==> flow/design.v <==
module mult #(
    parameter DW = 7
) (
    input  aclk,
    input  rst_i,
    input  [DW-1:0] arg0,
    input  [DW-1:0] arg1,
    output reg [DW-1:0] mul
);
    always @(posedge aclk or posedge rst_i) begin
        if (rst_i) begin
            mul <= 0;
        end else begin
            mul <= arg0 * arg1;
        end
    end
endmodule
Appendix: tool output

### Reports on mult

Module mult in several versions that differ in "DW"; each step lists the members.
The file above is the member DW=7. Line numbers count from 1 in each member's own file.
Operators carry their Yosys type and port widths (W data, S select, Z words).
Library cell names are shortened.
The mark -- stands for no value.

| inputs | value |
|---|---|
| design top | mult |
| clock | aclk |
| library | sky130hd |
| corner | tt_025C_1v80 |

### Source of the members

Lines of each other member's file that are new or changed against the file above; lines that a member lacks are not shown.

Lines new or changed:

| DW | RTL line | text |
|---|---|---|
| 9 | 2 | `parameter DW = 9` |
| 18 | 2 | `parameter DW = 18` |
| 20 | 2 | `parameter DW = 20` |
| 22 | 2 | `parameter DW = 22` |
| 24 | 2 | `parameter DW = 24` |

### Word-level counts

Counts by Yosys on the flattened word-level netlist (proc, flatten, opt, wreduce; memories kept). Register bits leave out memories and registers merged into their read ports (data or address); mux counts leave out enables and synchronous resets folded into registers. Print and check cells are left out. Cells with the same type and inputs are merged into one.

Cells by class:

| DW | multiply operators |
|---|---|
| 7 | 1 |
| 9 | 1 |
| 18 | 1 |
| 20 | 1 |
| 22 | 1 |
| 24 | 1 |

Operators by type and width:

| DW | kinds with counts |
|---|---|
| 7 | $mul A7 B7 Y7: 1 |
| 9 | $mul A9 B9 Y9: 1 |
| 18 | $mul A18 B18 Y18: 1 |
| 20 | $mul A20 B20 Y20: 1 |
| 22 | $mul A22 B22 Y22: 1 |
| 24 | $mul A24 B24 Y24: 1 |

Bit counts:

| DW | input bits | word-level cells | register bits after elaboration | output and inout bits |
|---|---|---|---|---|
| 7 | 16 | 2 | 7 | 7 |
| 9 | 20 | 2 | 9 | 9 |
| 18 | 38 | 2 | 18 | 18 |
| 20 | 42 | 2 | 20 | 20 |
| 22 | 46 | 2 | 22 | 22 |
| 24 | 50 | 2 | 24 | 24 |

### Logic depth

Longest topological path by Yosys (ltp), each cell counted once; first at word level (registers and memories cut), then after technology mapping (sequential cells cut; the memories' decode and read muxes count).

Logic depth:

| DW | depth after elaboration | ABC_AREA | gate-level depth with buffers | gate-level depth less buffers |
|---|---|---|---|---|
| 7 | 1 | 0 | 12 | 12 |
| 9 | 1 | 0 | 14 | 14 |
| 18 | 1 | 0 | 20 | 19 |
| 20 | 1 | 0 | 23 | 22 |
| 22 | 1 | 0 | 22 | 21 |
| 24 | 1 | 0 | 23 | 22 |

### Synthesis result

Source: synth_stat.txt of the flow (Yosys; design flattened, memories mapped). It holds for the ABC_AREA given above (unset counts as 0); a run with the other value may have another netlist.

Mapped netlist:

| DW | mapped flip-flops | area of sequential cells (um^2) | synthesis area (um^2) | cells in the netlist | buffer cells |
|---|---|---|---|---|---|
| 7 | 7 | 175.2 | 839.6 | 87 | 0 |
| 9 | 9 | 225.2 | 1311.3 | 137 | 1 |
| 18 | 18 | 450.4 | 5455.2 | 606 | 18 |
| 20 | 20 | 500.5 | 6762.7 | 749 | 24 |
| 22 | 22 | 550.5 | 7808.7 | 834 | 35 |
| 24 | 24 | 600.6 | 9581.7 | 1065 | 42 |

Cell types:

| DW | type and count |
|---|---|
| 7 | dfrtp_1: 7; ha_1: 13; fa_1: 7; xnor2_1: 10; and2_1: 9; inv_1: 14; nand2_1: 11; and2_2: 5; xor2_1: 3; nand2_2: 3; xnor2_2: 1; a21o_1: 2; a21oi_1: 2 |
| 9 | fa_1: 18; dfrtp_1: 9; ha_1: 17; nand2_1: 30; inv_1: 28; and2_1: 15; xnor2_1: 8; xnor3_1: 3; xor2_1: 4; a21o_1: 2; a21oi_1: 2; clkbuf_1: 1 |
| 18 | fa_1: 109; ha_1: 53; and2_1: 105; inv_1: 158; dfrtp_1: 18; xnor2_1: 34; nand2_1: 69; xor2_1: 7; clkbuf_1: 16; o21a_1: 5; a21oi_1: 6; o21ai_0: 5; xnor3_1: 1; a21o_1: 2; nor2_1: 4; nor3_1: 3; clkbuf_2: 2; o31a_1: 1; (+8) |
| 20 | fa_1: 137; ha_1: 69; and2_1: 117; inv_1: 184; dfrtp_1: 20; xnor2_1: 44; nand2_1: 97; clkbuf_1: 24; xor2_1: 8; a21oi_1: 10; a21o_1: 5; o21a_1: 3; o21ai_0: 4; a21oi_2: 2; nor2_1: 4; o21bai_1: 2; a211oi_2: 1; o221a_1: 1; (+17) |
| 22 | fa_1: 173; ha_1: 74; and2_1: 111; inv_1: 163; dfrtp_1: 22; nand2_1: 146; xnor2_1: 48; clkbuf_1: 29; xor2_1: 9; a21oi_1: 14; a211oi_2: 3; a21o_1: 4; buf_2: 5; o21bai_1: 3; o21ai_0: 4; a41oi_2: 1; nor3_4: 1; o21a_1: 2; (+22) |
| 24 | fa_1: 213; inv_1: 283; ha_1: 83; and2_1: 162; dfrtp_1: 24; nand2_1: 140; xnor2_1: 48; clkbuf_1: 38; xor2_1: 13; a21oi_1: 16; a21o_1: 7; o21ai_0: 7; o21bai_1: 4; xnor3_1: 1; a2111oi_0: 2; a211oi_1: 2; buf_2: 3; o211ai_1: 2; (+17) |

The mark (+n) counts cells that are not listed.

### Path before layout

OpenSTA on the mapped netlist: ideal clock, no wires. The path of least setup slack (recovery checks aside). Input and output delay are each 20% of the period. Register names are those of the netlist, which keeps one name where synthesis merged equal registers.

Timing after synthesis:

| DW | path kind | start point | end point | period (ps) | delay of the path (ps) | path slack (ps) | stages | period reached after synthesis (ps) |
|---|---|---|---|---|---|---|---|---|
| 7 | input to register | in arg1[3] | reg mul[6] | 4370 | 2796 | 700 | 12 | 3670 |
| 9 | input to register | in arg1[0] | reg mul[8] | 5910 | 3783 | 945 | 14 | 4965 |
| 18 | input to register | in arg1[3] | reg mul[16] | 7380 | 4721 | 1183 | 18 | 6197 |
| 20 | input to register | in arg0[9] | reg mul[19] | 8530 | 5462 | 1362 | 22 | 7168 |
| 22 | input to register | in arg1[2] | reg mul[21] | 8600 | 5506 | 1374 | 20 | 7226 |
| 24 | input to register | in arg1[4] | reg mul[23] | 8830 | 5654 | 1411 | 21 | 7419 |

"delay of the path" is the arrival time less input delay plus setup time.
"stages" counts driving pins, that of a launching flip-flop among them; a cell with two outputs on the path counts twice.
"period reached after synthesis" = period - worst setup slack (recovery checks aside). The figure is calculated, with input and output delays left at 20% of the set period.
Between the ends stands the longest chain of elaborated cells between them, by number of cells; it is not shown to be the way that was timed. Of several equally long chains one is given.
Each line given opens the expression or statement behind the cell; cells for indexed reads and writes are added by Yosys, which also makes memories of some case tables.

| between the ends, after synthesis, DW=7 | value |
|---|---|
| length of the longest elaborated chain | 1 |

RTL lines, path after synthesis, DW=7:

| what | RTL line | text |
|---|---|---|
| start, declared | 7 | `input  [DW-1:0] arg1,` |
| $mul A7 B7 Y7 | 14 | `mul <= arg0 * arg1;` |
| end, assigned | 12 | `mul <= 0;` |
| end, assigned | 14 |  |
| end, declared | 8 | `output reg [DW-1:0] mul` |

| between the ends, after synthesis, DW=24 | value |
|---|---|
| length of the longest elaborated chain | 1 |

RTL lines, path after synthesis, DW=24:

| what | RTL line | text |
|---|---|---|
| start, declared | 7 | `input  [DW-1:0] arg1,` |
| $mul A24 B24 Y24 | 14 | `mul <= arg0 * arg1;` |
| end, assigned | 12 | `mul <= 0;` |
| end, assigned | 14 |  |
| end, declared | 8 | `output reg [DW-1:0] mul` |

### Timing after layout

From the final timing report of each member's run: the path of least setup slack in the routed layout; clock arrival at registers is part of the times.
The path's times are printed in steps of 10 ps; the period is the one set.

Timing after layout:

| DW | path kind | start point | end point | stages | path slack (ps) | data arrival time (ps) | period (ps) | buffers on the path |
|---|---|---|---|---|---|---|---|---|
| 7 | input to register | in arg1[3] | reg mul[6] | 13 | 270 | 4270 | 4370 | 1 |
| 9 | input to register | in arg1[2] | reg mul[8] | 14 | 510 | 5530 | 5910 | 1 |
| 18 | input to register | in arg0[4] | reg mul[17] | 20 | 390 | 7120 | 7380 | 2 |
| 20 | input to register | in arg0[9] | reg mul[19] | 22 | 870 | 7780 | 8530 | 1 |
| 22 | input to register | in arg1[4] | reg mul[21] | 20 | 790 | 7950 | 8600 | 1 |
| 24 | input to register | in arg1[6] | reg mul[23] | 20 | 750 | 8280 | 8830 | 1 |

### Measured runs

One run of the flow (Yosys, OpenROAD) for each member, with settings and measured results. Input and output delays are each 20% of the period that was set; the output load is 0.01 pF.

| flow settings | value |
|---|---|
| CAP_MARGIN | 20 |
| CORE_MARGIN | 2 |
| CORE_UTILIZATION | 40 |
| SLEW_MARGIN | 20 |

Settings that differ:

| DW | period_ns |
|---|---|
| 7 | 4.37 |
| 9 | 5.91 |
| 18 | 7.38 |
| 20 | 8.53 |
| 22 | 8.6 |
| 24 | 8.83 |

Results:

| DW | worst setup slack after layout (ps) | final utilization (%) | clock period achieved (ps) | cell area after synthesis (um^2) | final setup TNS (ps) | standard-cell area after routing (um^2) | die size (um^2) |
|---|---|---|---|---|---|---|---|
| 7 | 269 | 59.0 | 4101 | 839.6 | 0 | 1157.4 | 2481.5 |
| 9 | 514 | 54.2 | 5396 | 1311.3 | 0 | 1669.1 | 3752.2 |
| 18 | 391 | 47.9 | 6989 | 5455.2 | 0 | 6364.9 | 14587.8 |
| 20 | 869 | 47.0 | 7661 | 6762.7 | 0 | 7791.2 | 17962.7 |
| 22 | 790 | 46.0 | 7810 | 7808.7 | 0 | 8898.5 | 20655.4 |
| 24 | 754 | 46.3 | 8076 | 9581.7 | 0 | 10876.7 | 25207.9 |

"clock period achieved": clock period set for the run, less the worst setup slack. It is reckoned from that one timing run; input and output delays stay at 20% of the period that was set.
